==> flow/design.v <==
module cmp_unit #(
  parameter integer DW = 128
) (
  input  wire ck,
  input  wire i_rst_n,
  input  wire adv,
  input  wire [DW-1:0] first_in,
  input  wire [DW-1:0] second_in,
  output reg le_out
);
  always @(posedge ck or negedge i_rst_n) begin
    if (~i_rst_n) begin
      le_out <= 1'b0;
    end else if (adv) begin
      le_out <= (first_in <= second_in);
    end
  end
endmodule
# ---- From RTL to reports: cmp_unit
# The steps from the RTL of cmp_unit to its reports follow in flow order.
# Line numbers count from 1 in the design file above.
# Cell names lack the library's common part.
# The mark - stands for no value.
dict set report inputs {
  top {cmp_unit}
  clock {ck}
  library {sky130hd}
  pvt_corner {tt_025C_1v80}
}

# ---- Elaborated design
# Source: Yosys, flattened and elaborated, memories not mapped. Widths are those after wreduce; folded enables and synchronous resets count as part of the registers. Registers that Yosys merges into a memory's read port (data or address) are not register bits. Print and check cells do not count. Equal cells are merged and count once.
dict set report word_totals {
  ff_bits 1
}
dict set report classes {
  cmp 1
}
# cell n
set ops {}
lappend ops {{<= comparator 128 bit} 1}

# ---- Depth
# Longest topological path by Yosys (ltp), each cell counted once; first at word level (registers and memories cut), then after technology mapping (sequential cells cut; the memories' decode and read muxes count).
dict set report depth {
  word_depth 1
  abc_area 0
  depth_mapped 9
  mapped_depth_nobuf 9
}

# ---- Netlist
# Source: synth_stat.txt of the flow (Yosys; design flattened, memories mapped). It holds for the ABC_AREA given above (unset counts as 0); a run with the other value may have another netlist.
# The area totals of this step are shown rounded.
dict set report synth_totals {
  seqArea_um2 25
  ff_cells 1
  stdcells 463
  mapped_area_um2 3300
}
# cell_type n area_total_um2
set types {}
lappend types {ha_1 128 1.6E+03}
lappend types {inv_1 133 499.229}
lappend types {a21oi_1 54 270.259}
lappend types {nand4_1 22 137.632}
lappend types {nand2_1 34 127.622}
lappend types {nand3_1 16 80.077}
lappend types {o21ai_0 15 75.072}
lappend types {a21o_1 7 52.55}
lappend types {nor2_1 11 41.29}
lappend types {a221oi_1 4 35.034}
lappend types {a211oi_1 4 30.029}
lappend types {dfrtp_1 1 25.024}
lappend types {nor4_1 4 25.024}
lappend types {nand4_4 1 21.27}
lappend types {nor4_4 1 21.27}
lappend types {o21ba_2 2 20.019}
lappend types {and4_1 2 17.517}
lappend types {a21boi_0 2 15.014}
# Other cell types: 19; their cells: 22.

# ---- Timing after synthesis
# OpenSTA on the mapped netlist: ideal clock, no wires. The path of least setup slack (recovery checks aside). Input and output delay are each 20% of the period. Register names are those of the netlist, which keeps one name where synthesis merged equal registers.
dict set report synth_path {
  path_type {in2reg}
  from {in second_in[59]}
  to {reg le_out}
  period_ns 2.93
  setup_slack_ns 0.470
  required_time_ns 2.807
  driving_pins 9
  t_arrival_ns 2.337
  setup_ns 0.123
  n_path_buf 0
  in_delay_ns 0.586
  path_delay_ns 1.874
  synth_period_reached_ns 2.46
}
# "path_delay_ns" is the arrival time less input delay plus setup time.
# "driving_pins" counts driving pins, that of a launching flip-flop among them; a cell with two outputs on the path counts twice.
# "synth_period_reached_ns" is the clock period less the worst setup slack; recovery checks do not enter. This is arithmetic on one report: input and output delays are still those of the set period (20% each).
# The rows between start and end are the longest chain of elaborated cells between them; the timing report does not say that the signal goes this way. Where chains are equally long, one stands for them.
# Each line given opens the expression or statement behind the cell; cells for indexed reads and writes are added by Yosys, which also makes memories of some case tables.
dict set report synth_via {
  path_cell_list {inv_1 > ha_1 > nand4_2 > nor4_4 > nand4_1 > or4_1 > a21oi_1 > o31a_2 > o21ai_2}
  elab_chain_cells 1
  cone_cells 1
  cone_lines 1
  classes_between {compare (1)}
}
# item line_no
set synth_lines {}
lappend synth_lines {{start: declaration} 8} ;# input  wire [DW-1:0] second_in,
lappend synth_lines {{<= comparator 128 bit} 15} ;# le_out <= (first_in <= second_in);
lappend synth_lines {{end: assignment} 13} ;# le_out <= 1'b0;
lappend synth_lines {{end: assignment} 15}
lappend synth_lines {{end: declaration} 9} ;# output reg le_out

# ---- Worst path after layout
# Path of least setup slack in the final report of job 3 (OpenROAD, finished layout, wires in). Where an end is a register, its clock arrival counts in the times.
dict set report layout_path {
  path_type {in2reg}
  from {in second_in[23]}
  to {reg le_out}
  in_delay_ns 0.59
  period_ns 2.93
  t_arrival_ns 2.82
  n_path_buf 1
  required_time_ns 2.81
  setup_ns 0.13
  setup_slack_ns -0.01
  driving_pins 9
}
# The rows between start and end are the longest chain of elaborated cells between them; the timing report does not say that the signal goes this way. Where chains are equally long, one stands for them.
dict set report layout_via {
  path_cell_list {clkdlybuf4s50_1 > inv_1 > ha_4 > nand2_1 > or4_4 > or4_4 > a21oi_2 > o31a_2 > o21ai_2}
  elab_chain_cells 1
  cone_cells 1
  cone_lines 1
  classes_between {compare (1)}
}
# item line_no
set layout_lines {}
lappend layout_lines {{start: declaration} 8} ;# input  wire [DW-1:0] second_in,
lappend layout_lines {{<= comparator 128 bit} 15} ;# le_out <= (first_in <= second_in);
lappend layout_lines {{end: assignment} 13} ;# le_out <= 1'b0;
lappend layout_lines {{end: assignment} 15}
lappend layout_lines {{end: declaration} 9} ;# output reg le_out

--- measured runs ---
Record of 3 stored runs of the RTL-to-layout flow on cmp_unit, platform sky130hd. The runs are unordered. Constraints: input delay and output delay 20% of the set period each, output load 0.01 pF.
"achieved_clock_period_ns" is the run's clock period less its worst setup slack. It is reckoned from that one timing run; input and output delays stay at 20% of the period that was set.
"worst_path_allowed_less_slack_ns": the worst setup path's part of the clock period (all of it between registers, 20% less for each end at a port) less its slack. A launch clock that arrives late makes it longer, a capture clock that arrives late makes it shorter.
"power_total_mw" is the tool's figure for a default switching activity; nothing was simulated.
The measured numbers are rounded.

# job 1
==> flow/run.sh <==
#!/bin/bash
# the make line also repeats the synthesis and layout settings of config.mk as NAME=value (left out here)
make -C /OpenROAD-flow-scripts/flow DESIGN_CONFIG=/design/flow/config.mk WORK_HOME=/design/flow/orfs CLKGATE_MAP_FILE= finish
==> flow/config.mk <==
export PLATFORM = sky130hd
export DESIGN_NAME = cmp_unit
export DESIGN_NICKNAME = cmp_unit
export VERILOG_FILES = /design/flow/design.v
export SDC_FILE = /design/flow/constraint.sdc
export NUM_CORES = 4
export LEC_CHECK = 0
export CAP_MARGIN = 0
export CELL_PAD_IN_SITES_DETAIL_PLACEMENT = 2
export CELL_PAD_IN_SITES_GLOBAL_PLACEMENT = 3
export CORE_ASPECT_RATIO = 1.16
export CORE_MARGIN = 6
export CORE_UTILIZATION = 72
export CTS_CLUSTER_SIZE = 23
export GPL_ROUTABILITY_DRIVEN = 0
export GPL_TIMING_DRIVEN = 0
export HOLD_SLACK_MARGIN = -0.02
export MIN_ROUTING_LAYER = met2
export PLACE_DENSITY_LB_ADDON = 0.17
export SLEW_MARGIN = 20
==> flow/constraint.sdc <==
create_clock -name core_clock -period 3.58 [get_ports {ck}]
set_input_delay 0.7160 -clock core_clock [delete_from_list [all_inputs] [get_ports {ck}]]
set_output_delay 0.7160 -clock core_clock [all_outputs]
set_load 0.01 [all_outputs]

==> job 1: results <==
outcome="no results, placement failed with FLW-0024"

# job 2
==> flow/run.sh <==
#!/bin/bash
# the make line also repeats the synthesis and layout settings of config.mk as NAME=value (left out here)
make -C /OpenROAD-flow-scripts/flow DESIGN_CONFIG=/design/flow/config.mk WORK_HOME=/design/flow/orfs CLKGATE_MAP_FILE= finish
==> flow/config.mk <==
export PLATFORM = sky130hd
export DESIGN_NAME = cmp_unit
export DESIGN_NICKNAME = cmp_unit
export VERILOG_FILES = /design/flow/design.v
export SDC_FILE = /design/flow/constraint.sdc
export NUM_CORES = 4
export LEC_CHECK = 0
export ABC_AREA = 0
export CAP_MARGIN = 35
export CORE_MARGIN = 10
export CORE_UTILIZATION = 46
export CTS_CLUSTER_DIAMETER = 92
export CTS_CLUSTER_SIZE = 68
export GPL_TIMING_DRIVEN = 0
export MAX_ROUTING_LAYER = met4
export PLACE_DENSITY_LB_ADDON = 0.23
export SETUP_SLACK_MARGIN = 0.13
export SLEW_MARGIN = 20
==> flow/constraint.sdc <==
create_clock -name core_clock -period 2.17 [get_ports {ck}]
set_input_delay 0.4340 -clock core_clock [delete_from_list [all_inputs] [get_ports {ck}]]
set_output_delay 0.4340 -clock core_clock [all_outputs]
set_load 0.01 [all_outputs]

==> job 2: results <==
outcome="no results, clock tree synthesis failed with DPL-0038"

# job 3
==> flow/run.sh <==
#!/bin/bash
# the make line also repeats the synthesis and layout settings of config.mk as NAME=value (left out here)
make -C /OpenROAD-flow-scripts/flow DESIGN_CONFIG=/design/flow/config.mk WORK_HOME=/design/flow/orfs CLKGATE_MAP_FILE= finish
==> flow/config.mk <==
export PLATFORM = sky130hd
export DESIGN_NAME = cmp_unit
export DESIGN_NICKNAME = cmp_unit
export VERILOG_FILES = /design/flow/design.v
export SDC_FILE = /design/flow/constraint.sdc
export NUM_CORES = 4
export LEC_CHECK = 0
export CAP_MARGIN = 20
export CORE_MARGIN = 2
export CORE_UTILIZATION = 40
export SLEW_MARGIN = 20
==> flow/constraint.sdc <==
create_clock -name core_clock -period 2.93 [get_ports {ck}]
set_input_delay 0.5860 -clock core_clock [delete_from_list [all_inputs] [get_ports {ck}]]
set_output_delay 0.5860 -clock core_clock [all_outputs]
set_load 0.01 [all_outputs]

==> job 3: results <==
synthesis_area_um2=3300
dieArea_um2=8900
stdcell_area_um2=6400
final_util_pct=80
setup_worst_slack_ns=-0.013
setup_tns_ns=-0.013
final_hold_ws_ns=0.50
power_total_mw=0.82
achieved_clock_period_ns=2.943
worst_path_allowed_less_slack_ns=2.36
timing.worst_path_kind="in2reg"
--- end ---
